==> flow/design.v <==
module alu_comparator_rtl #(
  parameter DW = 48
) (
  input clk,
  input aresetn,
  input [DW-1:0] i_a,
  input [DW-1:0] i_b,
  output reg o_a_lt_b,
  output reg o_equal
);
  wire [DW:0] cur;
  assign cur = {1'b0, i_a} - {1'b0, i_b};
  always @(posedge clk) begin
    if (~aresetn) begin
      o_a_lt_b <= 1'b0;
      o_equal <= 1'b0;
    end else begin
      o_a_lt_b <= cur[DW];
      o_equal <= ~|cur[DW-1:0];
    end
  end
endmodule
# From RTL to reports: alu_comparator_rtl
# The steps from the RTL of alu_comparator_rtl to its reports follow in flow order.
# Lines are those of the file above, counted from 1.
# Cell names lack the library's common part.
# The mark n/a stands for no value.
# design
top	alu_comparator_rtl
clk_port	clk
cell_library	sky130hd
pvt_corner	tt_025C_1v80

# After elaboration
# Source: Yosys, flattened and elaborated, memories not mapped. Widths are those after wreduce; folded enables and synchronous resets count as part of the registers. Registers that Yosys merges into a memory's read port (data or address) are not register bits. Print and check cells do not count. Equal cells are merged and count once.
# bits
input_bits	98
output_inout_bits	2
reg_bits	2
word_cells	5
# op_classes
reduce_logical	2
addsub	1
# op_table
operator	count
48-bit by 48-bit subtractor with 49-bit output	1
48-bit OR reduction	1
1-bit logical NOT	1

# Depth
# Depth = most cells in a row (Yosys ltp): at word level without a register or memory, in the mapped netlist without a sequential cell, where the memories' decode and read muxes count.
# logic_depth
word_depth	3
abc_area	0
ltp_mapped	14
mapped_depth_nobuf	14

# Mapped cells and area
# Source: synth_stat.txt of the flow (Yosys; design flattened, memories mapped). It holds for the ABC_AREA given above (unset counts as 0); a run with the other value may have another netlist.
# by_type
type	count	area_total_um2
ha_1	48	600.576
a21oi_1	56	280.269
inv_1	67	251.491
o21ai_0	35	175.168
nand2_1	39	146.39
nor2_1	38	142.637
a21o_1	18	135.13
xnor2_1	15	131.376
nand3_1	20	100.096
nand4_1	15	93.84
o21a_1	12	90.086
mux2i_1	7	70.067
xor2_1	7	61.309
mux2_2	5	56.304
o21bai_1	7	52.55
and2_1	8	50.048
nand2b_1	8	50.048
nor3_1	10	50.048
# Other cell types: 49; their cells: 118.
# mapped
ff_cells	2
buffers	21
seq_area_um2	40.0
mapped_cells	533
yosys_area_um2	3489.6

# Path before layout
# OpenSTA on the mapped netlist: ideal clock, no wires. The path of least setup slack (recovery checks aside). Input and output delay are each 20% of the period. Register names are those of the netlist, which keeps one name where synthesis merged equal registers.
# synth_timing
path_type	input-to-reg
from	in i_a[0]
to	reg o_equal
required_ns	4.543
launch_ns	0.926
path_delay_ns	2.963
arrival_ns	3.802
path_stages	14
path_slack_ns	0.740
clock_period_ns	4.63
setup_time_ns	0.087
in_delay_ns	0.926
path_buffers	0
synth_period_reached_ns	3.89
# "path_delay_ns" is the arrival time less input delay plus setup time.
# "path_stages": output pins that drive a net of the path, with the launching flip-flop's if there is one; two outputs of one cell count as two.
# "synth_period_reached_ns" = period - worst setup slack (recovery checks aside). The figure is calculated, with input and output delays left at 20% of the set period.
# The rows between start and end are the longest chain of elaborated cells between them; the timing report does not say that the signal goes this way. Where chains are equally long, one stands for them.
# A line is the first line of the expression or statement that the cell stems from. Yosys adds cells for indexed reads and writes and turns some case tables into memories.
# synth_via
path_cell_list	inv_1 ha_1 fa_1 nand2b_1 a21oi_1 o211ai_1 a211oi_1 o21ai_0 o211ai_1 o31ai_1 nor4_1 nand3_1 or4_4 nor4b_2
elab_chain_len	3
cone_cells	3
cone_lines	2
cone_classes	add/sub: 1; reduce/logical: 2
# synth_rtl
element	line_no	text
from (decl)	6	input [DW-1:0] i_a,
48-bit by 48-bit subtractor with 49-bit output	12	assign cur = {1'b0, i_a} - {1'b0, i_b};
48-bit OR reduction	19	o_equal <= ~|cur[DW-1:0];
1-bit logical NOT	19
to (assign)	16	o_equal <= 1'b0;
to (assign)	19
to (decl)	9	output reg o_equal

# Path in the finished layout
# From the final timing report of stored run 2: the path of least setup slack in the routed layout; clock arrival at registers is part of the times.
# layout_timing
path_type	input-to-reg
from	in i_a[0]
to	reg o_equal
path_stages	16
in_delay_ns	0.93
clock_period_ns	4.63
arrival_ns	4.64
setup_time_ns	0.09
path_buffers	2
required_ns	4.75
path_slack_ns	0.11
launch_ns	0.93
# The rows between start and end are the longest chain of elaborated cells between them; the timing report does not say that the signal goes this way. Where chains are equally long, one stands for them.
# layout_via
path_cell_list	clkdlybuf4s50_1 inv_1 ha_1 fa_1 nand2b_1 a21oi_2 o211ai_1 a211oi_2 buf_4 nand4b_1 nand2_1 a31o_2 nor4_1 nand3_1 or4_4 nor4b_2
elab_chain_len	3
cone_cells	3
cone_lines	2
cone_classes	add/sub: 1; reduce/logical: 2
# layout_rtl
element	line_no	text
from (decl)	6	input [DW-1:0] i_a,
48-bit by 48-bit subtractor with 49-bit output	12	assign cur = {1'b0, i_a} - {1'b0, i_b};
48-bit OR reduction	19	o_equal <= ~|cur[DW-1:0];
1-bit logical NOT	19
to (assign)	16	o_equal <= 1'b0;
to (assign)	19
to (decl)	9	output reg o_equal

# Below are 3 stored runs of the flow (Yosys, OpenROAD; platform sky130hd) on alu_comparator_rtl, each with its settings and what was measured, unordered. Constraints: input delay and output delay 20% of the set period each, output load 0.01 pF.
# By "achieved_clock_period_ns" is meant the clock period of the run minus its worst setup slack. This is arithmetic on one report: input and output delays are still those of the set period (20% each).
# "worst_path_ns" is the time allowed to the run's worst setup path (the clock period less input and output delay, where it has them) less its slack. Clock arrival times count: a late capture clock shortens it, a late launch clock lengthens it.
# By "final_power_w" is meant OpenSTA's value without simulated activity: inputs other than the clock are taken to toggle once in ten clock periods, and the tool carries that through the logic.
# Settings: -- = not set for that run.
# Among the results, -- means that no value is shown for the run.
run	period_ns	CORE_UTILIZATION	SETUP_SLACK_MARGIN	PLACE_DENSITY_LB_ADDON	CORE_ASPECT_RATIO	CELL_PAD_IN_SITES_DETAIL_PLACEMENT	TNS_END_PERCENT	ABC_AREA	SLEW_MARGIN	MIN_ROUTING_LAYER	CAP_MARGIN	CORE_MARGIN	HOLD_SLACK_MARGIN	CELL_PAD_IN_SITES_GLOBAL_PLACEMENT	GPL_ROUTABILITY_DRIVEN	final_power_w	timing.setup.tns_ns	achieved_clock_period_ns	post_synth_area_um2	timing.hold.ws_ns	worst_path_ns	critical_path_kind	finalUtil_pct	timing.setup.ws_ns	die_footprint_um2	finalCellArea_um2
stored run 1	2.43	39	0.15	0.07	0.73	1	60	1	25	met2	20	2	--	--	--	--	--	--	--	--	--	--	--	--	--	--
stored run 2	4.63	40	--	--	--	--	--	--	20	--	20	2	--	--	--	0.0006997	0.000	4.519	3489.6	1.309	3.59	input-to-reg	55.3	0.111	9486.8	4755.8
stored run 3	2.81	46	0.12	0.28	1.01	1	--	--	20	--	20	2	-0.0	2	0	--	--	--	--	--	--	--	--	--	--	--
# Stored run 1: did not finish, clock tree synthesis stopped with DPL-0033
# Stored run 3: did not finish, placement stopped with FLW-0024
